==> flow/design.v <==
module reg_bank_n #(
    parameter integer NREGS = 4,
    parameter integer WD = 10,
    parameter integer AW = $clog2(NREGS)
) (
    input wire clk,
    input wire rst_ni,
    input wire en,
    input wire write_in,
    input wire [AW-1:0] wr_addr_in,
    input wire [WD-1:0] wr_data_in,
    input wire [AW-1:0] raddr1_in,
    input wire [AW-1:0] raddr2_in,
    output wire [WD-1:0] dout1_out,
    output wire [WD-1:0] dout2_out
);
    reg write_reg;
    always @(posedge clk) begin
        if (!rst_ni) begin
            write_reg <= 1'b0;
        end else if (en) begin
            write_reg <= write_in;
        end
    end
    reg [AW-1:0] wr_addr_reg;
    always @(posedge clk) begin
        if (!rst_ni) begin
            wr_addr_reg <= 0;
        end else if (en) begin
            wr_addr_reg <= wr_addr_in;
        end
    end
    reg [WD-1:0] wr_data_reg;
    always @(posedge clk) begin
        if (!rst_ni) begin
            wr_data_reg <= 0;
        end else if (en) begin
            wr_data_reg <= wr_data_in;
        end
    end
    reg [WD-1:0] gpr [NREGS-1:0];
    always @(posedge clk) begin
        if (en && write_reg)
            gpr[wr_addr_reg] <= wr_data_reg;
    end
    reg [AW-1:0] raddr1_reg;
    always @(posedge clk) begin
        if (!rst_ni) begin
            raddr1_reg <= 0;
        end else if (en) begin
            raddr1_reg <= raddr1_in;
        end
    end
    reg [AW-1:0] raddr2_reg;
    always @(posedge clk) begin
        if (!rst_ni) begin
            raddr2_reg <= 0;
        end else if (en) begin
            raddr2_reg <= raddr2_in;
        end
    end
    assign dout1_out = (write_reg && wr_addr_reg == raddr1_reg) ? wr_data_reg : gpr[raddr1_reg];
    assign dout2_out = (write_reg && wr_addr_reg == raddr2_reg) ? wr_data_reg : gpr[raddr2_reg];
endmodule
From RTL to reports: reg_bank_n --
What the tools print for reg_bank_n, step after step. Lines are those of the file above, counted from 1. Cell names lack the library's common part. A cell with n/a has no value.
Set-up: top module reg_bank_n, clock port clk, library sky130hd, corner tt_025C_1v80

After elaboration --
Source: Yosys, flattened and elaborated, memories not mapped. Widths are those after wreduce. Print and check cells do not count. Equal cells are merged and count once. Yosys's memory passes give these memory sizes; they may raise the number of words (mostly to a power of two), join words into wider ones and drop unused or constant bits.
Storage and ports: flip-flop bits (word level) 17, bits in writable memories 40, clocked read ports x word width 20, memories kept 1, input port bits 20, output and inout port bits 20, elaborated cells 20
Memory list:
- gpr | depth 4, bits a word 10, read ports 2, wr ports 1, line 41 | reg [WD-1:0] gpr [NREGS-1:0];
Operators by class: equal/unequal tests 2, multiplexer cells 9, reductions and logical operators 3
Operator list (number):
- 10-bit two-way mux | 3
- 2-bit two-way mux | 5
- 2-bit equality test | 2
- 1-bit logical AND | 3
- 1-bit two-way mux | 1

Logic depth --
Yosys ltp: most cells in a row. Word level: on the elaborated netlist, between registers, memories and ports. Mapped: between sequential cells and ports; inverters and the memories' decode and read muxes count.
Logic depth: word-level depth 3, ABC_AREA 0, mapped depth 4, depth with buffers taken out 3

Synthesis result --
Yosys stat after the flow's synthesis: flattened, memories mapped to cells. It holds for the ABC_AREA given above (unset counts as 0); a run with the other value may have another netlist.
Cell types (number):
- edfxtp_1 | 40
- mux4_2 | 20
- dfxtp_1 | 21
- mux2_4 | 20
- mux2i_1 | 17
- nor2b_1 | 17
- xnor2_2 | 4
- nand3_4 | 2
- buf_6 | 2
- buf_4 | 2
- clkbuf_1 | 3
- buf_2 | 2
- nor3_1 | 2
- nor2_1 | 2
- nand3_1 | 1
- inv_1 | 1
- nand2_1 | 1
Mapped netlist: cell count 157, mapped area 2837.7 µm², area of sequential cells 1621.6 µm², flip-flops 61, buffer cells 9

Worst setup path after synthesis --
Source: OpenSTA report_checks on the synthesized netlist (no wires, ideal clock, input and output delay 20% of the period each), path of least setup slack; recovery checks are left aside. Register names are those of the netlist, which keeps one name where synthesis merged equal registers.
Timing path post-synthesis: path kind input -> register, from input port en, to memory gpr[0][0], clock period 2.61 ns, input delay 0.522 ns, launch time at the first pin 0.522 ns, arrival time 1.801 ns, required time 2.220 ns, setup slack 0.420 ns, path delay 1.669 ns, stages on the path 4, path buffers 2, synthesis period reached 2.19 ns
"path delay" is the arrival time less input delay plus setup time. "stages on the path" counts driving pins, that of a launching flip-flop among them; a cell with two outputs on the path counts twice. "synthesis period reached" = period - worst setup slack (recovery checks aside). The figure is calculated, with input and output delays left at 20% of the set period. The rows between start and end are the longest chain of elaborated cells between them; the timing report does not say that the signal goes this way. Where chains are equally long, one stands for them. A line is the first line of the expression or statement that the cell stems from. Yosys adds cells for indexed reads and writes and turns some case tables into memories. The path ends at the enable pin of a flip-flop; only ways to that pin are counted.
Between the ends, post-synthesis: path through buf_2 > buf_4 > nand2_1 > nor3_1, length of the longest elaborated chain 2, elaborated cells between the ends (all ways) 3, RTL lines with such cells 1, those cells by class mux: 2; reduce/logical: 1
RTL lines, path post-synthesis:
- start, declared | line 8 | input wire en,
- 1-bit logical AND | line 43 | if (en && write_reg)
- 2-bit two-way mux | line 43
- end, declared | line 41 | reg [WD-1:0] gpr [NREGS-1:0];

Worst path after layout --
Path of least setup slack in the final report of run 1 (OpenROAD, finished layout, wires in). Where an end is a register, its clock arrival counts in the times.
Timing path post-layout: path kind register -> output, from memory gpr[3][5], to output port dout2_out[5], clock period 2.37 ns, external output delay 0.47 ns, launch time at the first pin 0.33 ns, arrival time 1.94 ns, required time 1.90 ns, setup slack -0.04 ns, stages on the path 4, path buffers 1
Between the ends, post-layout: path through edfxtp_1 > mux4_2 > mux2_4 > clkdlybuf4s50_1
RTL lines, path post-layout:
- start, declared | line 41 | reg [WD-1:0] gpr [NREGS-1:0];
- end, declared | line 15 | output wire [WD-1:0] dout2_out
Chain of elaborated cells between the ends: none given.

==> results <==
Design reg_bank_n on sky130hd. What follows are 3 stored runs of the flow, each under its own settings; their order means nothing. The constraints put input and output delay at 20% of the set period each and load the outputs with 0.01 pF.
"period achieved" = clock period - worst setup slack. The figure is calculated, with input and output delays left at 20% of the set period.
"critical setup path time": the worst setup path's part of the clock period (all of it between registers, 20% less for each end at a port) less its slack. A launch clock that arrives late makes it longer, a capture clock that arrives late makes it shorter.
By "total power of the final layout" is meant OpenSTA's value without simulated activity: inputs other than the clock are taken to toggle once in ten clock periods, and the tool carries that through the logic.

* Run 1 | settings: period_ns 2.37; CORE_UTILIZATION 39; SETUP_SLACK_MARGIN -0.21; PLACE_DENSITY 0.4; CORE_ASPECT_RATIO 0.81; GPL_TIMING_DRIVEN 1; GPL_ROUTABILITY_DRIVEN 1; MAX_ROUTING_LAYER met4; CAP_MARGIN 20; CORE_MARGIN 2; SLEW_MARGIN 20 | results: die size 7978.5 µm²; period achieved 2.414 ns; final utilization 0.533; std-cell area (final layout) 3692.3 µm²; total negative setup slack -0.069 ns; cell area after synthesis 2837.7 µm²; worst setup slack after layout -0.044 ns; total power of the final layout 2.621 mW; critical setup path time 1.94 ns; worst setup path type register -> output; lowest hold slack 0.547 ns
* Run 2 | settings: period_ns 2.96; CORE_UTILIZATION 39; SETUP_SLACK_MARGIN 0.43; PLACE_DENSITY_LB_ADDON 0.12; CORE_ASPECT_RATIO 1.58; CELL_PAD_IN_SITES_DETAIL_PLACEMENT 2; CTS_CLUSTER_DIAMETER 39; MIN_ROUTING_LAYER met1; MAX_ROUTING_LAYER met5; CAP_MARGIN 20; CORE_MARGIN 2; SLEW_MARGIN 20 | results: die size 7992.3 µm²; critical setup path time 1.91 ns; worst setup path type register -> output; worst setup slack after layout 0.458 ns; period achieved 2.502 ns; total power of the final layout 2.319 mW; lowest hold slack 0.554 ns; final utilization 0.528; std-cell area (final layout) 3764.9 µm²; total negative setup slack 0.000 ns; cell area after synthesis 2837.7 µm²
* Run 3 | settings: period_ns 2.61; CAP_MARGIN 20; CORE_MARGIN 2; CORE_UTILIZATION 40; SLEW_MARGIN 20 | results: die size 7783.6 µm²; total negative setup slack 0.000 ns; worst setup slack after layout 0.071 ns; period achieved 2.539 ns; std-cell area (final layout) 3603.5 µm²; total power of the final layout 2.225 mW; final utilization 0.527; critical setup path time 2.02 ns; worst setup path type register -> output; cell area after synthesis 2837.7 µm²; lowest hold slack 0.548 ns
